==> flow/design.v <==
module mul_core_n #(
    parameter NBITS = 6
) (
    input  wire clk_i,
    input  wire resetn,
    input  wire [NBITS-1:0] x,
    input  wire [NBITS-1:0] y,
    output wire [2*NBITS-1:0] m
);
    reg [NBITS-1:0] x_r;
    always @(posedge clk_i or negedge resetn) begin
        if (~resetn) begin
            x_r <= 0;
        end else begin
            x_r <= x;
        end
    end
    reg [NBITS-1:0] y_r;
    always @(posedge clk_i or negedge resetn) begin
        if (~resetn) begin
            y_r <= 0;
        end else begin
            y_r <= y;
        end
    end
    reg [2*NBITS-1:0] val;
    integer n;
    always @* begin
        val = 0;
        for (n = 0; n < NBITS; n = n + 1)
            if (y_r[n]) val = val + (x_r << n);
    end
    assign m = val;
endmodule
Step by step through the tools: mul_core_n
A sweep over "NBITS": the same steps for each member of the family.
The file above is the member NBITS=6. Line numbers count from 1 in each member's own file.
Cell names lack the library's common part.
The mark n/a stands for no value.
- top module: mul_core_n
- clock: clk_i
- library: sky130hd
- corner: tt_025C_1v80

Source of the members
New or changed lines of each further member against the RTL above, in its own file; lines it lacks are not shown.
- new or changed lines (NBITS ; RTL line ; text):
    9 ; 2 ; parameter NBITS = 9
    10 ; 2 ; parameter NBITS = 10
    11 ; 2 ; parameter NBITS = 11

After elaboration
Counts by Yosys on the flattened word-level netlist (proc, flatten, opt, wreduce; memories kept). Register bits leave out memories and registers merged into their read ports (data or address); mux counts leave out enables and synchronous resets folded into registers. Print and check cells are left out. Cells with the same type and inputs are merged into one.
- operators by class (NBITS ; add/subtract/negate cells ; muxes and demuxes):
    6 ; 5 ; 6
    9 ; 8 ; 9
    10 ; 9 ; 10
    11 ; 10 ; 11
- operator list (NBITS ; kinds with counts):
    6 ; 2-to-1 mux 12 bit (5); adder 12 x 10 -> 12 bit (1); adder 12 x 11 -> 12 bit (1); adder 12 x 7 -> 12 bit (1); adder 12 x 8 -> 12 bit (1); adder 12 x 9 -> 12 bit (1); 2-to-1 mux 6 bit (1)
    9 ; 2-to-1 mux 18 bit (8); adder 18 x 10 -> 18 bit (1); adder 18 x 11 -> 18 bit (1); adder 18 x 12 -> 18 bit (1); adder 18 x 13 -> 18 bit (1); adder 18 x 14 -> 18 bit (1); adder 18 x 15 -> 18 bit (1); adder 18 x 16 -> 18 bit (1); adder 18 x 17 -> 18 bit (1); 2-to-1 mux 9 bit (1)
    10 ; 2-to-1 mux 20 bit (9); adder 20 x 11 -> 20 bit (1); adder 20 x 12 -> 20 bit (1); adder 20 x 13 -> 20 bit (1); adder 20 x 14 -> 20 bit (1); adder 20 x 15 -> 20 bit (1); adder 20 x 16 -> 20 bit (1); adder 20 x 17 -> 20 bit (1); adder 20 x 18 -> 20 bit (1); adder 20 x 19 -> 20 bit (1); 2-to-1 mux 10 bit (1)
    11 ; 2-to-1 mux 22 bit (10); adder 22 x 12 -> 22 bit (1); adder 22 x 13 -> 22 bit (1); adder 22 x 14 -> 22 bit (1); adder 22 x 15 -> 22 bit (1); adder 22 x 16 -> 22 bit (1); adder 22 x 17 -> 22 bit (1); adder 22 x 18 -> 22 bit (1); adder 22 x 19 -> 22 bit (1); adder 22 x 20 -> 22 bit (1); adder 22 x 21 -> 22 bit (1); 2-to-1 mux 11 bit (1)
- bit counts (NBITS ; output and inout bits ; elaborated cells ; register bits):
    6 ; 12 ; 13 ; 12
    9 ; 18 ; 19 ; 18
    10 ; 20 ; 21 ; 20
    11 ; 22 ; 23 ; 22

Longest topological paths
Longest topological path by Yosys (ltp), each cell counted once; first at word level (registers and memories cut), then after technology mapping (sequential cells cut; the memories' decode and read muxes count).
- depth (NBITS ; depth after elaboration ; ABC_AREA ; depth in mapped cells):
    6 ; 11 ; 0 ; 32
    9 ; 17 ; 0 ; 55
    10 ; 19 ; 0 ; 62
    11 ; 21 ; 0 ; 68

Synthesis result
Source: synth_stat.txt of the flow (Yosys; design flattened, memories mapped). It holds for the ABC_AREA given above (unset counts as 0); a run with the other value may have another netlist.
Totals and module areas in this step are rounded.
- mapped netlist (NBITS ; buffers ; flip-flop cells ; chip area (Yosys) (um2) ; cell count ; sequential part of the area (um2)):
    6 ; 7 ; 12 ; 1900 ; 225 ; 300
    9 ; 16 ; 18 ; 4700 ; 589 ; 450
    10 ; 22 ; 20 ; 5600 ; 755 ; 500
    11 ; 30 ; 22 ; 7200 ; 980 ; 550
- cells by type (NBITS ; type and count):
    6 ; ha_1 (28); dfrtp_1 (12); mux2_2 (10); fa_1 (5); o21a_1 (11); a21oi_1 (15); nand2_1 (16); nor2_1 (15); inv_1 (14); xnor2_1 (6); xor2_1 (6); mux2i_1 (5); o21ai_0 (8); a21o_1 (5); nor2b_1 (6); nor3_1 (6); nand3_1 (5); nor3b_1 (3); [+49]
    9 ; ha_1 (77); dfrtp_1 (18); xor2_1 (22); nand2_1 (50); nor2_1 (50); xnor2_1 (21); a21o_1 (24); a21oi_1 (36); mux2_2 (16); o21a_1 (23); fa_1 (8); o21ai_0 (32); inv_1 (28); mux2i_1 (8); and2_1 (12); nor2b_1 (12); nand3_1 (14); a31oi_1 (11); [+127]
    10 ; ha_1 (89); dfrtp_1 (20); a21oi_1 (67); xnor2_1 (35); o21ai_0 (53); nand2_1 (68); mux2_2 (21); inv_1 (50); nor2_1 (50); fa_1 (9); a21o_1 (21); xor2_1 (16); o21a_1 (18); nand3_1 (20); nor3_1 (16); clkbuf_1 (21); a211oi_1 (10); and2_1 (11); [+160]
    11 ; ha_1 (112); dfrtp_1 (22); nand2_1 (96); xnor2_1 (40); a21oi_1 (69); nor2_1 (78); mux2_2 (24); o21ai_0 (47); xor2_1 (24); fa_1 (10); a21o_1 (25); inv_1 (50); a211oi_1 (23); o21a_1 (22); o211ai_1 (21); nor3_1 (28); nand2b_1 (17); nor2b_1 (17); [+255]
A list marked [+n] leaves out that many cells.

Timing after synthesis
Path of least setup slack by OpenSTA after synthesis, without wires, with an ideal clock, recovery checks aside; 20% of the period is set as input and as output delay. Where synthesis merged equal registers, the netlist keeps one of their names.
- path after synthesis (NBITS ; path type ; start point ; end point ; clock period (ps) ; stages ; slack (ps) ; path delay (ps) ; synthesis period reached (ps)):
    6 ; reg-to-output ; register x_r[1] ; output m[10] ; 9180 ; 29 ; 1467 ; 5877 ; 7713
    9 ; reg-to-output ; register y_r[0] ; output m[16] ; 15100 ; 43 ; 2428 ; 9652 ; 12672
    10 ; reg-to-output ; register x_r[1] ; output m[17] ; 17600 ; 57 ; 2825 ; 11255 ; 14775
    11 ; reg-to-output ; register x_r[2] ; output m[19] ; 19800 ; 64 ; 3191 ; 12649 ; 16609
"path delay" = arrival - input delay + setup time.
A path that ends at an output port has no setup time.
"stages": output pins that drive a net of the path, with the launching flip-flop's if there is one; two outputs of one cell count as two.
"synthesis period reached" is the clock period less the worst setup slack; recovery checks do not enter. This is arithmetic on one report: input and output delays are still those of the set period (20% each).
Between the ends stands the longest chain of elaborated cells between them, by number of cells; it is not shown to be the way that was timed. Of several equally long chains one is given.
Each line given opens the expression or statement behind the cell; cells for indexed reads and writes are added by Yosys, which also makes memories of some case tables.
Between the ends, after synthesis, NBITS=6:
- noted cells in the longest elaborated chain: 11
- RTL lines, path after synthesis, NBITS=6 (item ; RTL line ; text):
    start: declaration ; 10 ; reg [NBITS-1:0] x_r;
    start: assignment ; 13 ; x_r <= 0;
    start: assignment ; 15 ; x_r <= x;
    2-to-1 mux 6 bit ; 31 ; if (y_r[n]) val = val + (x_r << n);
    adder 12 x 7 -> 12 bit ; 31 ;
    2-to-1 mux 12 bit ; 31 ;
    adder 12 x 8 -> 12 bit ; 31 ;
    2-to-1 mux 12 bit ; 31 ;
    adder 12 x 9 -> 12 bit ; 31 ;
    2-to-1 mux 12 bit ; 31 ;
    adder 12 x 10 -> 12 bit ; 31 ;
    2-to-1 mux 12 bit ; 31 ;
    adder 12 x 11 -> 12 bit ; 31 ;
    2-to-1 mux 12 bit ; 31 ;
    end: declaration ; 8 ; output wire [2*NBITS-1:0] m
Between the ends, after synthesis, NBITS=11:
- noted cells in the longest elaborated chain: 21
- RTL lines, path after synthesis, NBITS=11 (item ; RTL line ; text):
    start: declaration ; 10 ; reg [NBITS-1:0] x_r;
    start: assignment ; 13 ; x_r <= 0;
    start: assignment ; 15 ; x_r <= x;
    2-to-1 mux 11 bit ; 31 ; if (y_r[n]) val = val + (x_r << n);
    adder 22 x 12 -> 22 bit ; 31 ;
    2-to-1 mux 22 bit ; 31 ;
    adder 22 x 13 -> 22 bit ; 31 ;
    2-to-1 mux 22 bit ; 31 ;
    adder 22 x 14 -> 22 bit ; 31 ;
    2-to-1 mux 22 bit ; 31 ;
    [7 not listed] ; n/a ;
    2-to-1 mux 22 bit ; 31 ;
    adder 22 x 19 -> 22 bit ; 31 ;
    2-to-1 mux 22 bit ; 31 ;
    adder 22 x 20 -> 22 bit ; 31 ;
    2-to-1 mux 22 bit ; 31 ;
    adder 22 x 21 -> 22 bit ; 31 ;
    2-to-1 mux 22 bit ; 31 ;
    end: declaration ; 8 ; output wire [2*NBITS-1:0] m

Worst path after layout
From the final timing report of each member's run: the path of least setup slack in the routed layout; clock arrival at registers is part of the times.
The path's times are printed in steps of 10 ps; the period is the one set.
- path post-layout (NBITS ; path type ; start point ; end point ; slack (ps) ; stages ; path buffers ; data arrival time (ps) ; clock period (ps)):
    6 ; reg-to-output ; register y_r[0] ; output m[11] ; 560 ; 32 ; 1 ; 6790 ; 9180
    9 ; reg-to-output ; register x_r[1] ; output m[16] ; 680 ; 43 ; 1 ; 11400 ; 15100
    10 ; reg-to-output ; register y_r[0] ; output m[18] ; 800 ; 58 ; 1 ; 13280 ; 17600
    11 ; reg-to-output ; register y_r[0] ; output m[20] ; 1020 ; 67 ; 2 ; 14820 ; 19800

Layout results
Settings and results of one run of the flow (Yosys, OpenROAD) for each member follow. The constraints put input and output delay at 20% of the set period each and load the outputs with 0.01 pF.
- CAP_MARGIN: 20
- CORE_MARGIN at 2
- noted CORE_UTILIZATION: 40
- SLEW_MARGIN at 20
- settings by member (NBITS ; period_ns):
    6 ; 9.18
    9 ; 15.1
    10 ; 17.6
    11 ; 19.8
- measured results (NBITS ; period reached (ps) ; final setup TNS (ps) ; utilization in the final report ; netlist area reported by Yosys (um2) ; smallest setup slack (ps) ; std-cell area (final layout) (um2) ; total power after layout (W) ; die outline area (um2)):
    6 ; 8625 ; 0 ; 0.48 ; 1900 ; 560 ; 2300 ; 0.00035 ; 5400
    9 ; 14423 ; 0 ; 0.46 ; 4700 ; 680 ; 5200 ; 0.00087 ; 13000
    10 ; 16797 ; 0 ; 0.46 ; 5600 ; 800 ; 6400 ; 0.0011 ; 15000
    11 ; 18779 ; 0 ; 0.45 ; 7200 ; 1000 ; 8100 ; 0.0015 ; 19000
"period reached" means the clock period less the worst setup slack. The figure is calculated, with input and output delays left at 20% of the set period.
By "total power after layout" is meant OpenSTA's value without simulated activity: inputs other than the clock are taken to toggle once in ten clock periods, and the tool carries that through the logic.
The measured numbers are rounded.
